==> flow/design.v <==
module gen_times #(
  parameter integer DATA_WIDTH = 7,
  parameter integer GAIN = 683,
  parameter integer SUM_W = DATA_WIDTH + $clog2(GAIN + 1)
) (
  input  wire sys_clk,
  input  wire RST,
  input  wire [DATA_WIDTH-1:0] i_in0,
  output reg [SUM_W-1:0] o_m
);
  reg [SUM_W-1:0] t;
  integer i;
  always @* begin
    t = 0;
    for (i = 0; i < SUM_W - DATA_WIDTH; i = i + 1)
      if ((GAIN >> i) & 1) t = t + (i_in0 << i);
  end
  always @(posedge sys_clk) begin
    if (RST) begin
      o_m <= 0;
    end else begin
      o_m <= t;
    end
  end
endmodule
From RTL to reports: gen_times
Tool output for the design above, in the order of the flow.
Lines are those of the file above, counted from 1.
Library cell names are shortened.
{"block": "setup", "top": "gen_times", "clock": "sys_clk", "cell_library": "sky130hd", "pvt_corner": "tt_025C_1v80"}

Word-level counts
Counts by Yosys on the flattened word-level netlist (proc, flatten, opt, wreduce; memories kept). Register bits leave out memories and registers merged into their read ports (data or address); mux counts leave out enables and synchronous resets folded into registers. Print and check cells are left out. Cells with the same type and inputs are merged into one.
{"block": "classes", "n_addsub": 5}
{"block": "ops", "op": "15-bit by 16-bit adder with 17-bit output", "n": 1}
{"block": "ops", "op": "13-bit by 14-bit adder with 15-bit output", "n": 1}
{"block": "ops", "op": "11-bit by 12-bit adder with 13-bit output", "n": 1}
{"block": "ops", "op": "9-bit by 10-bit adder with 11-bit output", "n": 1}
{"block": "ops", "op": "7-bit by 8-bit adder with 9-bit output", "n": 1}
{"block": "bits", "inputBits": 9, "output_inout_bits": 17, "register_bits": 17}

Logic depth
Depth = most cells in a row (Yosys ltp): at word level without a register or memory, in the mapped netlist without a sequential cell, where the memories' decode and read muxes count.
{"block": "depth", "word_depth": 5, "ABC_AREA": 0, "ltp_mapped": 11, "depth_no_buf": 11}

Netlist
Source: synth_stat.txt of the flow (Yosys; design flattened, memories mapped). It holds for the ABC_AREA given above (unset counts as 0); a run with the other value may have another netlist.
{"block": "synth_totals", "flip_flops": 17, "stdcells": 152, "mapped_area_mm2": 0.0014664, "buf_cells": 4, "seq_area_mm2": 0.0003403}
{"block": "by_type", "type": "dfxtp_1", "n": 17, "area_total_um2": 340.326}
{"block": "by_type", "type": "ha_1", "n": 24, "area_total_um2": 300.288}
{"block": "by_type", "type": "fa_1", "n": 9, "area_total_um2": 180.173}
{"block": "by_type", "type": "inv_1", "n": 23, "area_total_um2": 86.333}
{"block": "by_type", "type": "nor2b_1", "n": 7, "area_total_um2": 43.792}
{"block": "by_type", "type": "a211oi_2", "n": 3, "area_total_um2": 37.536}
{"block": "by_type", "type": "nor2_1", "n": 10, "area_total_um2": 37.536}
{"block": "by_type", "type": "a211oi_1", "n": 4, "area_total_um2": 30.029}
{"block": "by_type", "type": "a2111oi_4", "n": 1, "area_total_um2": 27.526}
{"block": "by_type", "type": "xor2_1", "n": 3, "area_total_um2": 26.275}
{"block": "by_type", "type": "nor3_1", "n": 5, "area_total_um2": 25.024}
{"block": "by_type", "type": "mux2_2", "n": 2, "area_total_um2": 22.522}
{"block": "by_type", "type": "a21oi_1", "n": 4, "area_total_um2": 20.019}
{"block": "by_type", "type": "a21o_2", "n": 2, "area_total_um2": 17.517}
{"block": "by_type", "type": "nor4b_1", "n": 2, "area_total_um2": 17.517}
{"block": "by_type", "type": "a21oi_4", "n": 1, "area_total_um2": 16.266}
{"block": "by_type", "type": "a21o_1", "n": 2, "area_total_um2": 15.014}
{"block": "by_type", "type": "nand2_1", "n": 4, "area_total_um2": 15.014}
Other cell types: 24; their cells: 29.

Timing after synthesis
OpenSTA on the mapped netlist: ideal clock, no wires. The path of least setup slack (recovery checks aside). Input and output delay are each 20% of the period. Register names are those of the netlist, which keeps one name where synthesis merged equal registers.
{"block": "synth_timing", "kind": "input port to flip-flop", "startpoint": "in i_in0[0]", "endpoint": "reg o_m[14]", "t_first_pin_ns": 0.792, "path_slack_ns": 0.634, "path_delay_ns": 2.535, "stages": 10, "period_ns": 3.96, "arrival_ns": 3.206, "required_ns": 3.839, "path_buffers": 0, "in_delay_ns": 0.792, "period_less_setup_slack_ns": 3.326}
"path_delay_ns" is the arrival time less input delay plus setup time.
"stages": output pins that drive a net of the path, with the launching flip-flop's if there is one; two outputs of one cell count as two.
"period_less_setup_slack_ns" is the clock period less the worst setup slack; recovery checks do not enter. This is arithmetic on one report: input and output delays are still those of the set period (20% each).
The rows between start and end are the longest chain of elaborated cells between them; the timing report does not say that the signal goes this way. Where chains are equally long, one stands for them.
A line is the first line of the expression or statement that the cell stems from. Yosys adds cells for indexed reads and writes and turns some case tables into memories.
{"block": "synth_via", "path_cell_list": "inv_1 -> fa_1 -> inv_1 -> fa_1 -> ha_1 -> o21ai_2 -> o21bai_2 -> a21oi_2 -> o31ai_1 -> mux2_2", "elab_chain_cells": 5}
{"block": "synth_lines", "element": "from (decl)", "line": 8, "source": "input  wire [DATA_WIDTH-1:0] i_in0,"}
{"block": "synth_lines", "element": "7-bit by 8-bit adder with 9-bit output", "line": 16, "source": "if ((GAIN >> i) & 1) t = t + (i_in0 << i);"}
{"block": "synth_lines", "element": "9-bit by 10-bit adder with 11-bit output", "line": 16}
{"block": "synth_lines", "element": "11-bit by 12-bit adder with 13-bit output", "line": 16}
{"block": "synth_lines", "element": "13-bit by 14-bit adder with 15-bit output", "line": 16}
{"block": "synth_lines", "element": "15-bit by 16-bit adder with 17-bit output", "line": 16}
{"block": "synth_lines", "element": "to (assign)", "line": 20, "source": "o_m <= 0;"}
{"block": "synth_lines", "element": "to (assign)", "line": 22, "source": "o_m <= t;"}
{"block": "synth_lines", "element": "to (decl)", "line": 9, "source": "output reg [SUM_W-1:0] o_m"}

Worst path after layout
From the final timing report of run 1: the path of least setup slack in the routed layout; clock arrival at registers is part of the times.
{"block": "layout_timing", "kind": "input port to flip-flop", "startpoint": "in i_in0[5]", "endpoint": "reg o_m[14]", "arrival_ns": 3.58, "stages": 11, "required_ns": 3.66, "in_delay_ns": 0.69, "path_slack_ns": 0.07, "t_first_pin_ns": 0.69, "path_buffers": 1, "period_ns": 3.43}
The rows between start and end are the longest chain of elaborated cells between them; the timing report does not say that the signal goes this way. Where chains are equally long, one stands for them.
{"block": "layout_via", "path_cell_list": "clkdlybuf4s50_1 -> inv_1 -> fa_1 -> fa_1 -> inv_1 -> ha_4 -> o21ai_2 -> o21bai_2 -> a21oi_2 -> o31ai_1 -> mux2_2", "elab_chain_cells": 5}
{"block": "layout_lines", "element": "from (decl)", "line": 8, "source": "input  wire [DATA_WIDTH-1:0] i_in0,"}
{"block": "layout_lines", "element": "7-bit by 8-bit adder with 9-bit output", "line": 16, "source": "if ((GAIN >> i) & 1) t = t + (i_in0 << i);"}
{"block": "layout_lines", "element": "9-bit by 10-bit adder with 11-bit output", "line": 16}
{"block": "layout_lines", "element": "11-bit by 12-bit adder with 13-bit output", "line": 16}
{"block": "layout_lines", "element": "13-bit by 14-bit adder with 15-bit output", "line": 16}
{"block": "layout_lines", "element": "15-bit by 16-bit adder with 17-bit output", "line": 16}
{"block": "layout_lines", "element": "to (assign)", "line": 20, "source": "o_m <= 0;"}
{"block": "layout_lines", "element": "to (assign)", "line": 22, "source": "o_m <= t;"}
{"block": "layout_lines", "element": "to (decl)", "line": 9, "source": "output reg [SUM_W-1:0] o_m"}

Data sheet: physical implementation of gen_times

Design gen_times on sky130hd. What follows are 3 stored runs of the flow, each under its own settings; their order means nothing. The constraints put input and output delay at 20% of the set period each and load the outputs with 0.01 pF.
"achievedPeriod_ns" is the run's clock period less its worst setup slack. It is reckoned from that one timing run; input and output delays stay at 20% of the period that was set.
"worst_path_time_ns": the worst setup path's part of the clock period (all of it between registers, 20% less for each end at a port) less its slack. A launch clock that arrives late makes it longer, a capture clock that arrives late makes it shorter.
By "totalPower_w" is meant OpenSTA's value without simulated activity: inputs other than the clock are taken to toggle once in ten clock periods, and the tool carries that through the logic.

{"run": "run 1", "settings": { "period_ns": 3.43, "CORE_UTILIZATION": 44, "PLACE_DENSITY": 0.92, "CELL_PAD_IN_SITES_GLOBAL_PLACEMENT": 1, "GPL_TIMING_DRIVEN": 1, "CTS_CLUSTER_DIAMETER": 232, "SLEW_MARGIN": 5, "MIN_ROUTING_LAYER": "met2", "CAP_MARGIN": 20, "CORE_MARGIN": 2 }, "results": { "hold_ws_ns": 0.710, "timing.setup.ws_ns": 0.072, "final_die_area_mm2": 0.0038106, "timing.setup.tns_ns": 0.000, "achievedPeriod_ns": 3.358, "final_util_pct": 68.4, "totalPower_w": 0.001153, "worst_path_time_ns": 2.67, "critical_path_type": "input port to flip-flop", "post_synth_area_mm2": 0.0014664, "final_cell_area_mm2": 0.002122 }}
{"run": "run 2", "settings": { "period_ns": 3.96, "CAP_MARGIN": 20, "CORE_MARGIN": 2, "CORE_UTILIZATION": 40, "SLEW_MARGIN": 20 }, "results": { "hold_ws_ns": 1.161, "timing.setup.ws_ns": 0.312, "final_die_area_mm2": 0.0041661, "timing.setup.tns_ns": 0.000, "achievedPeriod_ns": 3.648, "final_util_pct": 54.1, "totalPower_w": 0.0008386, "worst_path_time_ns": 2.86, "critical_path_type": "input port to flip-flop", "post_synth_area_mm2": 0.0014664, "final_cell_area_mm2": 0.001848 }}
{"run": "run 3", "settings": { "period_ns": 4.89, "CORE_UTILIZATION": 41, "HOLD_SLACK_MARGIN": 0.0, "CORE_ASPECT_RATIO": 1.35, "CELL_PAD_IN_SITES_DETAIL_PLACEMENT": 2, "TNS_END_PERCENT": 85, "GPL_TIMING_DRIVEN": 1, "CAP_MARGIN": 20, "CORE_MARGIN": 2, "SLEW_MARGIN": 20 }, "results": { "hold_ws_ns": 1.444, "timing.setup.ws_ns": 0.702, "final_die_area_mm2": 0.0040762, "timing.setup.tns_ns": 0.000, "achievedPeriod_ns": 4.188, "final_util_pct": 51.5, "totalPower_w": 0.0007282, "worst_path_time_ns": 3.21, "critical_path_type": "input port to flip-flop", "post_synth_area_mm2": 0.0014664, "final_cell_area_mm2": 0.0017892 }}
